==> flow/design.v <==
module dp_cmp_unit_rtl #(
    parameter integer DWIDTH = 7
) (
    input  wire clk_i,
    input  wire [DWIDTH-1:0] a_i,
    input  wire [DWIDTH-1:0] b_i,
    output wire less_o,
    output wire eq_o
);
    reg [DWIDTH-1:0] r_a;
    reg [DWIDTH-1:0] r_b;
    always @(posedge clk_i) begin
        r_a <= a_i;
        r_b <= b_i;
    end
    wire [DWIDTH:0] r = {1'b0, r_a} - {1'b0, r_b};
    assign less_o = r[DWIDTH];
    assign eq_o = ~|r[DWIDTH-1:0];
endmodule
* Step by step through the tools: dp_cmp_unit_rtl
A sweep over "DWIDTH": the same steps for each member of the family.
The file above is the member DWIDTH = 7. Line numbers count from 1 in each member's own file.
Library cell names are shortened.
The mark n/a stands for no value.
- Top :: dp_cmp_unit_rtl
- Clock :: clk_i
- Standard-cell library :: sky130hd
- Corner :: tt_025C_1v80

* Source of the members
Lines of each other member's file that are new or changed against the file above; lines that a member lacks are not shown.
** New or changed lines
- DWIDTH 10 :: line 2 : parameter integer DWIDTH = 10
- DWIDTH 14 :: line 2 : parameter integer DWIDTH = 14
- DWIDTH 16 :: line 2 : parameter integer DWIDTH = 16
- DWIDTH 36 :: line 2 : parameter integer DWIDTH = 36
- DWIDTH 48 :: line 2 : parameter integer DWIDTH = 48

* Word level
Counts by Yosys on the flattened word-level netlist (proc, flatten, opt, wreduce; memories kept). Register bits leave out memories and registers merged into their read ports (data or address); mux counts leave out enables and synchronous resets folded into registers. Print and check cells are left out. Cells with the same type and inputs are merged into one.
** Cells by class
- DWIDTH 7 :: reductions and logical operators 2, add/sub/neg operators 1
- DWIDTH 10 :: reductions and logical operators 2, add/sub/neg operators 1
- DWIDTH 14 :: reductions and logical operators 2, add/sub/neg operators 1
- DWIDTH 16 :: reductions and logical operators 2, add/sub/neg operators 1
- DWIDTH 36 :: reductions and logical operators 2, add/sub/neg operators 1
- DWIDTH 48 :: reductions and logical operators 2, add/sub/neg operators 1
** Operators by type and width (kind and count)
- DWIDTH 7 :: 7-bit by 7-bit subtractor with 8-bit output: 1; 7-bit OR reduction: 1; 1-bit logical NOT: 1
- DWIDTH 10 :: 10-bit by 10-bit subtractor with 11-bit output: 1; 10-bit OR reduction: 1; 1-bit logical NOT: 1
- DWIDTH 14 :: 14-bit by 14-bit subtractor with 15-bit output: 1; 14-bit OR reduction: 1; 1-bit logical NOT: 1
- DWIDTH 16 :: 16-bit by 16-bit subtractor with 17-bit output: 1; 16-bit OR reduction: 1; 1-bit logical NOT: 1
- DWIDTH 36 :: 36-bit by 36-bit subtractor with 37-bit output: 1; 36-bit OR reduction: 1; 1-bit logical NOT: 1
- DWIDTH 48 :: 48-bit by 48-bit subtractor with 49-bit output: 1; 48-bit OR reduction: 1; 1-bit logical NOT: 1
** Bit counts
- DWIDTH 7 :: register bits after elaboration 14, output and inout port bits 2, elaborated cells 5, input port bits 15
- DWIDTH 10 :: register bits after elaboration 20, output and inout port bits 2, elaborated cells 5, input port bits 21
- DWIDTH 14 :: register bits after elaboration 28, output and inout port bits 2, elaborated cells 5, input port bits 29
- DWIDTH 16 :: register bits after elaboration 32, output and inout port bits 2, elaborated cells 5, input port bits 33
- DWIDTH 36 :: register bits after elaboration 72, output and inout port bits 2, elaborated cells 5, input port bits 73
- DWIDTH 48 :: register bits after elaboration 96, output and inout port bits 2, elaborated cells 5, input port bits 97

* Logic depth
Longest topological path by Yosys (ltp), each cell counted once; first at word level (registers and memories cut), then after technology mapping (sequential cells cut; the memories' decode and read muxes count).
** Logic depth
- DWIDTH 7 :: depth after elaboration 3, ABC_AREA 0, depth in mapped cells 8, mapped depth without buffers 8
- DWIDTH 10 :: depth after elaboration 3, ABC_AREA 0, depth in mapped cells 9, mapped depth without buffers 9
- DWIDTH 14 :: depth after elaboration 3, ABC_AREA 0, depth in mapped cells 10, mapped depth without buffers 10
- DWIDTH 16 :: depth after elaboration 3, ABC_AREA 0, depth in mapped cells 10, mapped depth without buffers 10
- DWIDTH 36 :: depth after elaboration 3, ABC_AREA 0, depth in mapped cells 13, mapped depth without buffers 13
- DWIDTH 48 :: depth after elaboration 3, ABC_AREA 0, depth in mapped cells 14, mapped depth without buffers 14

* Mapped cells and area
Source: synth_stat.txt of the flow (Yosys; design flattened, memories mapped). It holds for the ABC_AREA given above (unset counts as 0); a run with the other value may have another netlist.
** Cell types (types with counts)
- DWIDTH 7 :: dfxtp_1: 14; ha_1: 7; inv_1: 8; nor2_1: 8; fa_1: 1; a21oi_1: 3; o21a_1: 2; nand2b_1: 2; nor4_2: 1; o22ai_2: 1; nor3_2: 1; a21oi_2: 1; o2111ai_1: 1; o31a_1: 1; xnor2_1: 1; xor2_1: 1; nor4_1: 1; or2_1: 1; [+3]
- DWIDTH 10 :: dfxtp_1: 20; ha_1: 10; inv_1: 18; a21oi_1: 8; nor2_1: 9; o21ai_0: 5; fa_1: 1; nor4_1: 3; xnor2_1: 2; xor2_1: 2; a2111oi_2: 1; o41a_2: 1; buf_6: 1; a221o_1: 1; mux2i_1: 1; nand3_1: 2; nor3_1: 2; a2bb2oi_1: 1; [+13]
- DWIDTH 14 :: dfxtp_1: 28; ha_1: 14; inv_1: 17; xor2_1: 4; nand2b_1: 5; a211o_1: 3; nand2_1: 7; xnor2_1: 3; a21oi_1: 5; o21ai_1: 5; a21o_1: 3; fa_1: 1; nand3_1: 4; o21ai_0: 4; o2111ai_1: 2; a2111oi_2: 1; nor2_1: 4; a31oi_1: 2; [+21]
- DWIDTH 16 :: dfxtp_1: 32; ha_1: 16; inv_1: 18; a21oi_1: 12; o21a_1: 8; o21ai_0: 7; o31a_1: 4; nor2_1: 9; a21o_1: 3; fa_1: 1; a31oi_1: 3; nand2_1: 5; nor2b_1: 3; o22ai_1: 3; a211o_1: 2; or4_1: 2; and2_1: 2; nand2b_1: 2; [+25]
- DWIDTH 36 :: dfxtp_1: 72; ha_1: 36; a21oi_1: 44; inv_1: 48; nor2_1: 35; nand2_1: 33; o21ai_0: 20; buf_6: 8; nand4_1: 12; xor2_1: 8; a211oi_1: 9; nand2b_1: 9; o211ai_1: 7; mux2i_1: 5; nand3_1: 10; xnor2_1: 5; o21ai_1: 8; a21o_1: 5; [+82]
- DWIDTH 48 :: dfxtp_1: 96; ha_1: 48; a21oi_1: 58; inv_1: 61; nor2_1: 55; nand2_1: 50; o21ai_0: 30; nand4_1: 22; xnor2_1: 14; buf_4: 14; a21o_1: 12; xor2_1: 9; a211oi_1: 9; a31oi_1: 10; nand2b_1: 10; mux2i_1: 6; o21a_1: 8; o21bai_1: 7; [+129]
A list marked [+n] leaves out that many cells.
** Mapped netlist
- DWIDTH 7 :: sequential part of the area 280.3 um^2, buffer cells 0, cell area after synthesis 596.8 um^2, standard cells after synthesis 58, flip-flop cells 14
- DWIDTH 10 :: sequential part of the area 400.4 um^2, buffer cells 2, cell area after synthesis 943.4 um^2, standard cells after synthesis 101, flip-flop cells 20
- DWIDTH 14 :: sequential part of the area 560.5 um^2, buffer cells 1, cell area after synthesis 1306.3 um^2, standard cells after synthesis 133, flip-flop cells 28
- DWIDTH 16 :: sequential part of the area 640.6 um^2, buffer cells 1, cell area after synthesis 1514.0 um^2, standard cells after synthesis 157, flip-flop cells 32
- DWIDTH 36 :: sequential part of the area 1441.4 um^2, buffer cells 19, cell area after synthesis 3905.0 um^2, standard cells after synthesis 456, flip-flop cells 72
- DWIDTH 48 :: sequential part of the area 1921.8 um^2, buffer cells 30, cell area after synthesis 5481.5 um^2, standard cells after synthesis 648, flip-flop cells 96

* Timing after synthesis
Path of least setup slack by OpenSTA after synthesis, without wires, with an ideal clock, recovery checks aside; 20% of the period is set as input and as output delay. Where synthesis merged equal registers, the netlist keeps one of their names.
** Path post-synthesis
- DWIDTH 7 :: path kind reg-to-output, from register r_a[0], to output port eq_o, stages 9, delay of the path 1.790 ns, period 2.8 ns, setup slack 0.450 ns, period reached after synthesis 2.35 ns
- DWIDTH 10 :: path kind reg-to-output, from register r_a[0], to output port eq_o, stages 10, delay of the path 2.087 ns, period 3.26 ns, setup slack 0.521 ns, period reached after synthesis 2.739 ns
- DWIDTH 14 :: path kind reg-to-output, from register r_a[0], to output port eq_o, stages 11, delay of the path 2.280 ns, period 3.56 ns, setup slack 0.568 ns, period reached after synthesis 2.992 ns
- DWIDTH 16 :: path kind reg-to-output, from register r_b[8], to output port eq_o, stages 11, delay of the path 2.150 ns, period 3.36 ns, setup slack 0.538 ns, period reached after synthesis 2.822 ns
- DWIDTH 36 :: path kind reg-to-output, from register r_a[0], to output port eq_o, stages 13, delay of the path 3.247 ns, period 5.07 ns, setup slack 0.809 ns, period reached after synthesis 4.261 ns
- DWIDTH 48 :: path kind reg-to-output, from register r_a[0], to output port eq_o, stages 15, delay of the path 3.789 ns, period 5.92 ns, setup slack 0.947 ns, period reached after synthesis 4.973 ns
"delay of the path" = arrival - input delay + setup time.
At an output port there is no setup time.
"stages": output pins that drive a net of the path, with the launching flip-flop's if there is one; two outputs of one cell count as two.
"period reached after synthesis" = period - worst setup slack (recovery checks aside). The figure is calculated, with input and output delays left at 20% of the set period.
The rows between start and end are the longest chain of elaborated cells between them; the timing report does not say that the signal goes this way. Where chains are equally long, one stands for them.
A line is the first line of the expression or statement that the cell stems from. Yosys adds cells for indexed reads and writes and turns some case tables into memories.
Between the ends, post-synthesis, DWIDTH = 7:
- Cells in the longest elaborated chain :: 3
** Ends and longest elaborated chain, post-synthesis, DWIDTH = 7
- start: declaration :: line 10 : reg [DWIDTH-1:0] r_a;
- start: assignment :: line 13 : r_a <= a_i;
- 7-bit by 7-bit subtractor with 8-bit output :: line 16 : wire [DWIDTH:0] r = {1'b0, r_a} - {1'b0, r_b};
- 7-bit OR reduction :: line 18 : assign eq_o = ~|r[DWIDTH-1:0];
- 1-bit logical NOT :: line 18
- end: declaration :: line 8 : output wire eq_o
Between the ends, post-synthesis, DWIDTH = 48:
- Cells in the longest elaborated chain :: 3
** Ends and longest elaborated chain, post-synthesis, DWIDTH = 48
- start: declaration :: line 10 : reg [DWIDTH-1:0] r_a;
- start: assignment :: line 13 : r_a <= a_i;
- 48-bit by 48-bit subtractor with 49-bit output :: line 16 : wire [DWIDTH:0] r = {1'b0, r_a} - {1'b0, r_b};
- 48-bit OR reduction :: line 18 : assign eq_o = ~|r[DWIDTH-1:0];
- 1-bit logical NOT :: line 18
- end: declaration :: line 8 : output wire eq_o

* Path in the finished layout
Path of least setup slack in the final report of each member's run (OpenROAD, finished layout, wires in). Where an end is a register, its clock arrival counts in the times.
** Path post-layout
- DWIDTH 7 :: path kind reg-to-output, from register r_a[0], to output port eq_o, arrival 2.15 ns, stages 10, setup slack 0.09 ns, path buffers 1, period 2.8 ns
- DWIDTH 10 :: path kind reg-to-output, from register r_a[0], to output port eq_o, arrival 2.44 ns, stages 11, setup slack 0.17 ns, path buffers 1, period 3.26 ns
- DWIDTH 14 :: path kind reg-to-output, from register r_a[0], to output port eq_o, arrival 2.68 ns, stages 11, setup slack 0.17 ns, path buffers 1, period 3.56 ns
- DWIDTH 16 :: path kind reg-to-output, from register r_a[0], to output port eq_o, arrival 2.66 ns, stages 12, setup slack 0.03 ns, path buffers 1, period 3.36 ns
- DWIDTH 36 :: path kind reg-to-output, from register r_a[0], to output port less_o, arrival 3.82 ns, stages 16, setup slack 0.24 ns, path buffers 2, period 5.07 ns
- DWIDTH 48 :: path kind reg-to-output, from register r_b[14], to output port eq_o, arrival 4.58 ns, stages 15, setup slack 0.16 ns, path buffers 1, period 5.92 ns

* Layout results
One run of the flow (Yosys, OpenROAD) for each member, with settings and measured results. Input and output delays are each 20% of the period that was set; the output load is 0.01 pF.
- CAP_MARGIN :: 20
- CORE_MARGIN :: 2
- CORE_UTILIZATION :: 40
- SLEW_MARGIN :: 20
** Settings that differ (period_ns)
- DWIDTH 7 :: 2.8
- DWIDTH 10 :: 3.26
- DWIDTH 14 :: 3.56
- DWIDTH 16 :: 3.36
- DWIDTH 36 :: 5.07
- DWIDTH 48 :: 5.92
** Results
- DWIDTH 7 :: utilization of the finished layout 60.6%, area of the synthesized netlist 596.8 um^2, lowest setup slack 0.095 ns, worst hold slack in the final report 0.730 ns, full die area 1816.9 um^2, standard-cell area after layout 818.3 um^2, power consumption 0.0004138 W, setup TNS 0.000 ns, clock period achieved 2.705 ns
- DWIDTH 10 :: utilization of the finished layout 55.9%, area of the synthesized netlist 943.4 um^2, lowest setup slack 0.169 ns, worst hold slack in the final report 0.794 ns, full die area 2763.1 um^2, standard-cell area after layout 1236.2 um^2, power consumption 0.0005264 W, setup TNS 0.000 ns, clock period achieved 3.091 ns
- DWIDTH 14 :: utilization of the finished layout 55.4%, area of the synthesized netlist 1306.3 um^2, lowest setup slack 0.172 ns, worst hold slack in the final report 0.813 ns, full die area 3738.7 um^2, standard-cell area after layout 1706.6 um^2, power consumption 0.0006446 W, setup TNS 0.000 ns, clock period achieved 3.388 ns
- DWIDTH 16 :: utilization of the finished layout 57.7%, area of the synthesized netlist 1514.0 um^2, lowest setup slack 0.027 ns, worst hold slack in the final report 0.818 ns, full die area 4292.9 um^2, standard-cell area after layout 2110.8 um^2, power consumption 0.0009802 W, setup TNS 0.000 ns, clock period achieved 3.333 ns
- DWIDTH 36 :: utilization of the finished layout 52.9%, area of the synthesized netlist 3905.0 um^2, lowest setup slack 0.240 ns, worst hold slack in the final report 1.074 ns, full die area 10568.9 um^2, standard-cell area after layout 5102.4 um^2, power consumption 0.001588 W, setup TNS 0.000 ns, clock period achieved 4.830 ns
- DWIDTH 48 :: utilization of the finished layout 53.2%, area of the synthesized netlist 5481.5 um^2, lowest setup slack 0.157 ns, worst hold slack in the final report 1.261 ns, full die area 14656.7 um^2, standard-cell area after layout 7069.3 um^2, power consumption 0.001745 W, setup TNS 0.000 ns, clock period achieved 5.763 ns
"clock period achieved" is the run's clock period less its worst setup slack. It is reckoned from that one timing run; input and output delays stay at 20% of the period that was set.
By "power consumption" is meant OpenSTA's value without simulated activity: inputs other than the clock are taken to toggle once in ten clock periods, and the tool carries that through the logic.
